==> flow/design.v <==
module cpu_mul_core_p (clk_i, rst_ni, arg0_in, arg1_in, prod_out);
   parameter NBITS = 20;
   input clk_i;
   input rst_ni;
   input [NBITS-1:0] arg0_in;
   input [NBITS-1:0] arg1_in;
   output reg [2*NBITS-1:0] prod_out;
   reg [NBITS-1:0] arg0_s;
   always @(posedge clk_i) begin
      if (!rst_ni) begin
         arg0_s <= 0;
      end else begin
         arg0_s <= arg0_in;
      end
   end
   reg [NBITS-1:0] arg1_s;
   always @(posedge clk_i) begin
      if (!rst_ni) begin
         arg1_s <= 0;
      end else begin
         arg1_s <= arg1_in;
      end
   end
   localparam H = NBITS / 2;
   wire [NBITS-1:0] ll;
   cpu_mul_core_p_pmul #(.N(H)) el (.a(arg0_s[H-1:0]), .b(arg1_s[H-1:0]), .p(ll));
   wire [NBITS-1:0] lh;
   cpu_mul_core_p_pmul #(.N(H)) inst (.a(arg0_s[H-1:0]), .b(arg1_s[NBITS-1:H]), .p(lh));
   wire [NBITS-1:0] hl;
   cpu_mul_core_p_pmul #(.N(H)) unit (.a(arg0_s[NBITS-1:H]), .b(arg1_s[H-1:0]), .p(hl));
   wire [NBITS-1:0] hh;
   cpu_mul_core_p_pmul #(.N(H)) u (.a(arg0_s[NBITS-1:H]), .b(arg1_s[NBITS-1:H]), .p(hh));
   reg [NBITS-1:0] ll_s;
   always @(posedge clk_i) begin
      if (!rst_ni) begin
         ll_s <= 0;
      end else begin
         ll_s <= ll;
      end
   end
   reg [NBITS-1:0] lh_s;
   always @(posedge clk_i) begin
      if (!rst_ni) begin
         lh_s <= 0;
      end else begin
         lh_s <= lh;
      end
   end
   reg [NBITS-1:0] hl_s;
   always @(posedge clk_i) begin
      if (!rst_ni) begin
         hl_s <= 0;
      end else begin
         hl_s <= hl;
      end
   end
   reg [NBITS-1:0] hh_s;
   always @(posedge clk_i) begin
      if (!rst_ni) begin
         hh_s <= 0;
      end else begin
         hh_s <= hh;
      end
   end
   wire [NBITS:0] part;
   assign part = lh_s + hl_s;
   always @(posedge clk_i) begin
      if (!rst_ni) begin
         prod_out <= 0;
      end else begin
         prod_out <= {hh_s, ll_s} + {part, {H{1'b0}}};
      end
   end
endmodule
module cpu_mul_core_p_pmul #(parameter N = 4) (
   input wire [N-1:0] a,
   input wire [N-1:0] b,
   output wire [2*N-1:0] p
);
   assign p = a * b;
endmodule
# From RTL to reports: cpu_mul_core_p
# What the tools print for cpu_mul_core_p, step after step.
# Lines are those of the file above, counted from 1.
# Library cell names are shortened.
inputs:
  design: "cpu_mul_core_p"
  clk_port: "clk_i"
  lib: "sky130hd"
  pvt_corner: "tt_025C_1v80"

# Word-level counts
# Yosys after proc, flatten, opt, wreduce and memory -nomap, before mapping. Enables and synchronous resets that opt folds into registers are not counted as muxes. Memory bits, and registers merged into a memory's read port (data or address), are not among the register bits. Print and check cells are not counted. Equal cells are merged and count once.
classes:
  add_sub_neg: 2
  cmp: 0
  reduce_logical: 0
  equal: 0
  n_mux: 0
  n_div: 0
  n_mul: 4
  shifts: 0
  logic: 0
op_table:
  columns: ["cell", "n"]
  rows:
  - ["multiplier 10 x 10 -> 20 bit", 4]
  - ["adder 40 x 31 -> 40 bit", 1]
  - ["adder 20 x 20 -> 21 bit", 1]
word_totals:
  clocked_rd_ports_x_width: 0
  memories: 0
  romBits: 0
  wordCells: 13
  output_inout_bits: 40
  ramBits: 0
  latch_bits: 0
  reg_bits: 160

# Longest topological paths
# Yosys ltp: most cells in a row. Word level: on the elaborated netlist, between registers, memories and ports. Mapped: between sequential cells and ports; inverters and the memories' decode and read muxes count.
logic_depth:
  word_depth: 2
  abc_area: 0
  ltp_mapped: 21

# Mapped cells and area
# The flow's flattened synthesis, as Yosys stat reports it; memories are mapped. The netlist is that of the ABC_AREA named above (0 if unset); the other value can give another one.
# Totals and module areas in this step are rounded.
types:
  columns: ["cell", "n"]
  rows:
  - ["fa_1", 250]
  - ["ha_1", 261]
  - ["dfxtp_1", 160]
  - ["and2_1", 315]
  - ["inv_1", 283]
  - ["nand2_1", 214]
  - ["nor2_1", 115]
  - ["a21oi_1", 81]
  - ["clkbuf_1", 103]
  - ["xor2_1", 40]
  - ["xnor2_1", 38]
  - ["a21o_1", 41]
  - ["o21ai_0", 48]
  - ["mux2i_1", 14]
  - ["nor3_1", 25]
  - ["nand2b_1", 19]
  - ["nand3_1", 22]
  - ["a31oi_1", 16]
# Not listed: further types 49, cells in them 176.
mapped:
  stdcells: 2221
  seq_area_um2: 3203
  n_buf: 109
  area_um2: 19700
  ff_cells: 160
# By module: a second synthesis without flattening, with its own total; a netlist apart from the flattened one above.
unflattened:
  cells_unflattened: 2249
  hier_area_um2: 20090
# Each row is one instance without its submodules.
by_module:
  columns: ["module", "instances", "n_cells", "seq_area_um2", "mod_area_um2"]
  rows:
  - ["cpu_mul_core_p_pmul #(N=10)", 4, 395, 0.0, 3382]
  - ["cpu_mul_core_p", 1, 669, 3203, 6560]

# Worst setup path after synthesis
# OpenSTA on the mapped netlist: ideal clock, no wires. The path of least setup slack (recovery checks aside). Input and output delay are each 20% of the period. Register names are those of the netlist, which keeps one name where synthesis merged equal registers.
synth_timing:
  path_type: "register to register"
  from: "register arg0_s[7]"
  to: "register ll_s[19]"
  path_slack_ps: 1297
  period_ps: 6490
  required_ps: 6419
  delay_ps: 5193
  driving_pins: 21
  setup_ps: 71
  n_path_buf: 1
  t_first_pin_ps: 0
  arrival_ps: 5122
  synth_period_reached_ps: 5193
# "delay_ps" = arrival - input delay + setup time.
# "driving_pins": output pins that drive a net of the path, with the launching flip-flop's if there is one; two outputs of one cell count as two.
# "synth_period_reached_ps" = period - worst setup slack (recovery checks aside). The figure is calculated, with input and output delays left at 20% of the set period.
# Between the ends stands the longest chain of elaborated cells between them, by number of cells; it is not shown to be the way that was timed. Of several equally long chains one is given.
# Each line given opens the expression or statement behind the cell; cells for indexed reads and writes are added by Yosys, which also makes memories of some case tables.
synth_via:
  path_cell_list: "dfxtp_1 clkbuf_1 nand2_1 fa_1 inv_1 fa_1 inv_1 fa_1 inv_1 fa_1 inv_1 fa_1 inv_1 ha_1 o21ai_0 a21oi_1 a31oi_1 o41ai_2 a211oi_1 or3_1 a21oi_1"
  elab_chain_cells: 1
  cone_cells: 1
  cone_lines: 1
  cone_classes: "mul: 1"
synth_rtl:
  columns: ["item", "line", "rtl"]
  rows:
  - ["start, declared", 8, "reg [NBITS-1:0] arg0_s;"]
  - ["start, assigned", 11, "arg0_s <= 0;"]
  - ["start, assigned", 13, "arg0_s <= arg0_in;"]
  - ["multiplier 10 x 10 -> 20 bit", 80, "assign p = a * b;"]
  - ["end, assigned", 36, "ll_s <= 0;"]
  - ["end, assigned", 38, "ll_s <= ll;"]
  - ["end, declared", 33, "reg [NBITS-1:0] ll_s;"]

# Worst path after layout
# From the final timing report of run 1: the path of least setup slack in the routed layout; clock arrival at registers is part of the times.
# The report prints the path's times to 10 ps; the period is as set.
layout_timing:
  path_type: "register to register"
  from: "register arg0_s[13]"
  to: "register hl_s[18]"
  arrival_ps: 7470
  required_ps: 3850
  driving_pins: 20
  path_slack_ps: -3620
  period_ps: 3350
  n_path_buf: 3
  t_first_pin_ps: 550
  setup_ps: 60
# Between the ends stands the longest chain of elaborated cells between them, by number of cells; it is not shown to be the way that was timed. Of several equally long chains one is given.
layout_via:
  path_cell_list: "dfxtp_2 buf_4 and2_1 fa_2 ha_1 inv_1 fa_1 inv_2 fa_2 inv_4 fa_2 inv_6 ha_4 buf_4 nor3_4 nor2_2 and2_4 a211oi_2 mux2i_1 buf_4"
  elab_chain_cells: 1
  cone_cells: 1
  cone_lines: 1
  cone_classes: "mul: 1"
layout_rtl:
  columns: ["item", "line", "rtl"]
  rows:
  - ["start, declared", 8, "reg [NBITS-1:0] arg0_s;"]
  - ["start, assigned", 11, "arg0_s <= 0;"]
  - ["start, assigned", 13, "arg0_s <= arg0_in;"]
  - ["multiplier 10 x 10 -> 20 bit", 80, "assign p = a * b;"]
  - ["end, assigned", 52, "hl_s <= 0;"]
  - ["end, assigned", 54, "hl_s <= hl;"]
  - ["end, declared", 49, "reg [NBITS-1:0] hl_s;"]

# Below are 3 stored runs of the flow (Yosys, OpenROAD; platform sky130hd) on cpu_mul_core_p, each with its settings and what was measured, unordered. Constraints: input delay and output delay 20% of the set period each, output load 0.01 pF.
# "timing.achieved_period_ps" is the run's clock period less its worst setup slack. It is reckoned from that one timing run; input and output delays stay at 20% of the period that was set.
# By "worst_path_time_ps" is meant the share of the clock period that the worst setup path is allowed (20% is reserved at inputs, 20% at outputs), minus its slack. Clock arrival times at its registers enter into it.
# "final_power_mw" rests on the timing tool's default activity at the inputs, not on a simulated workload.
# "worst_path_time_ps" is known to 10 ps.
# Measured values are rounded.
runs:
  - name: "run 1"
    settings:
      period_ns: 3.35
      CORE_UTILIZATION: 26
      CORE_ASPECT_RATIO: 1.28
      CORE_MARGIN: 7
      CELL_PAD_IN_SITES_DETAIL_PLACEMENT: 2
      SLEW_MARGIN: 35
      CAP_MARGIN: 20
    results:
      final_power_mw: 11.82
      hold_ws_ps: 443
      timing.achieved_period_ps: 6974
      stdcell_area_um2: 29600
      finish.utilization_pct: 39.3
      total_die_area_um2: 83750
      ys_area_um2: 19700
      ws_setup_ps: -3624
      worst_path_time_ps: 6970
      critical_path_type: "register to register"
  - name: "run 2"
    settings:
      period_ns: 5.47
      CORE_UTILIZATION: 66
      PLACE_DENSITY: 0.62
      CELL_PAD_IN_SITES_GLOBAL_PLACEMENT: 0
      TNS_END_PERCENT: 70
      GPL_ROUTABILITY_DRIVEN: 1
      CTS_CLUSTER_SIZE: 95
      CTS_CLUSTER_DIAMETER: 39
      SLEW_MARGIN: 5
      MIN_ROUTING_LAYER: "met1"
      CAP_MARGIN: 20
      CORE_MARGIN: 2
    results:
      ws_setup_ps: 262
      finish.utilization_pct: 73.8
      ys_area_um2: 19700
      final_power_mw: 4.423
      hold_ws_ps: 428
      worst_path_time_ps: 5210
      critical_path_type: "register to register"
      total_die_area_um2: 31250
      timing.achieved_period_ps: 5208
      stdcell_area_um2: 21760
  - name: "run 3"
    settings:
      period_ns: 6.49
      CAP_MARGIN: 20
      CORE_MARGIN: 2
      CORE_UTILIZATION: 40
      SLEW_MARGIN: 20
    results:
      timing.achieved_period_ps: 5748
      finish.utilization_pct: 44.5
      stdcell_area_um2: 21720
      worst_path_time_ps: 5750
      critical_path_type: "register to register"
      ys_area_um2: 19700
      hold_ws_ps: 438
      final_power_mw: 3.676
      ws_setup_ps: 742
      total_die_area_um2: 51050
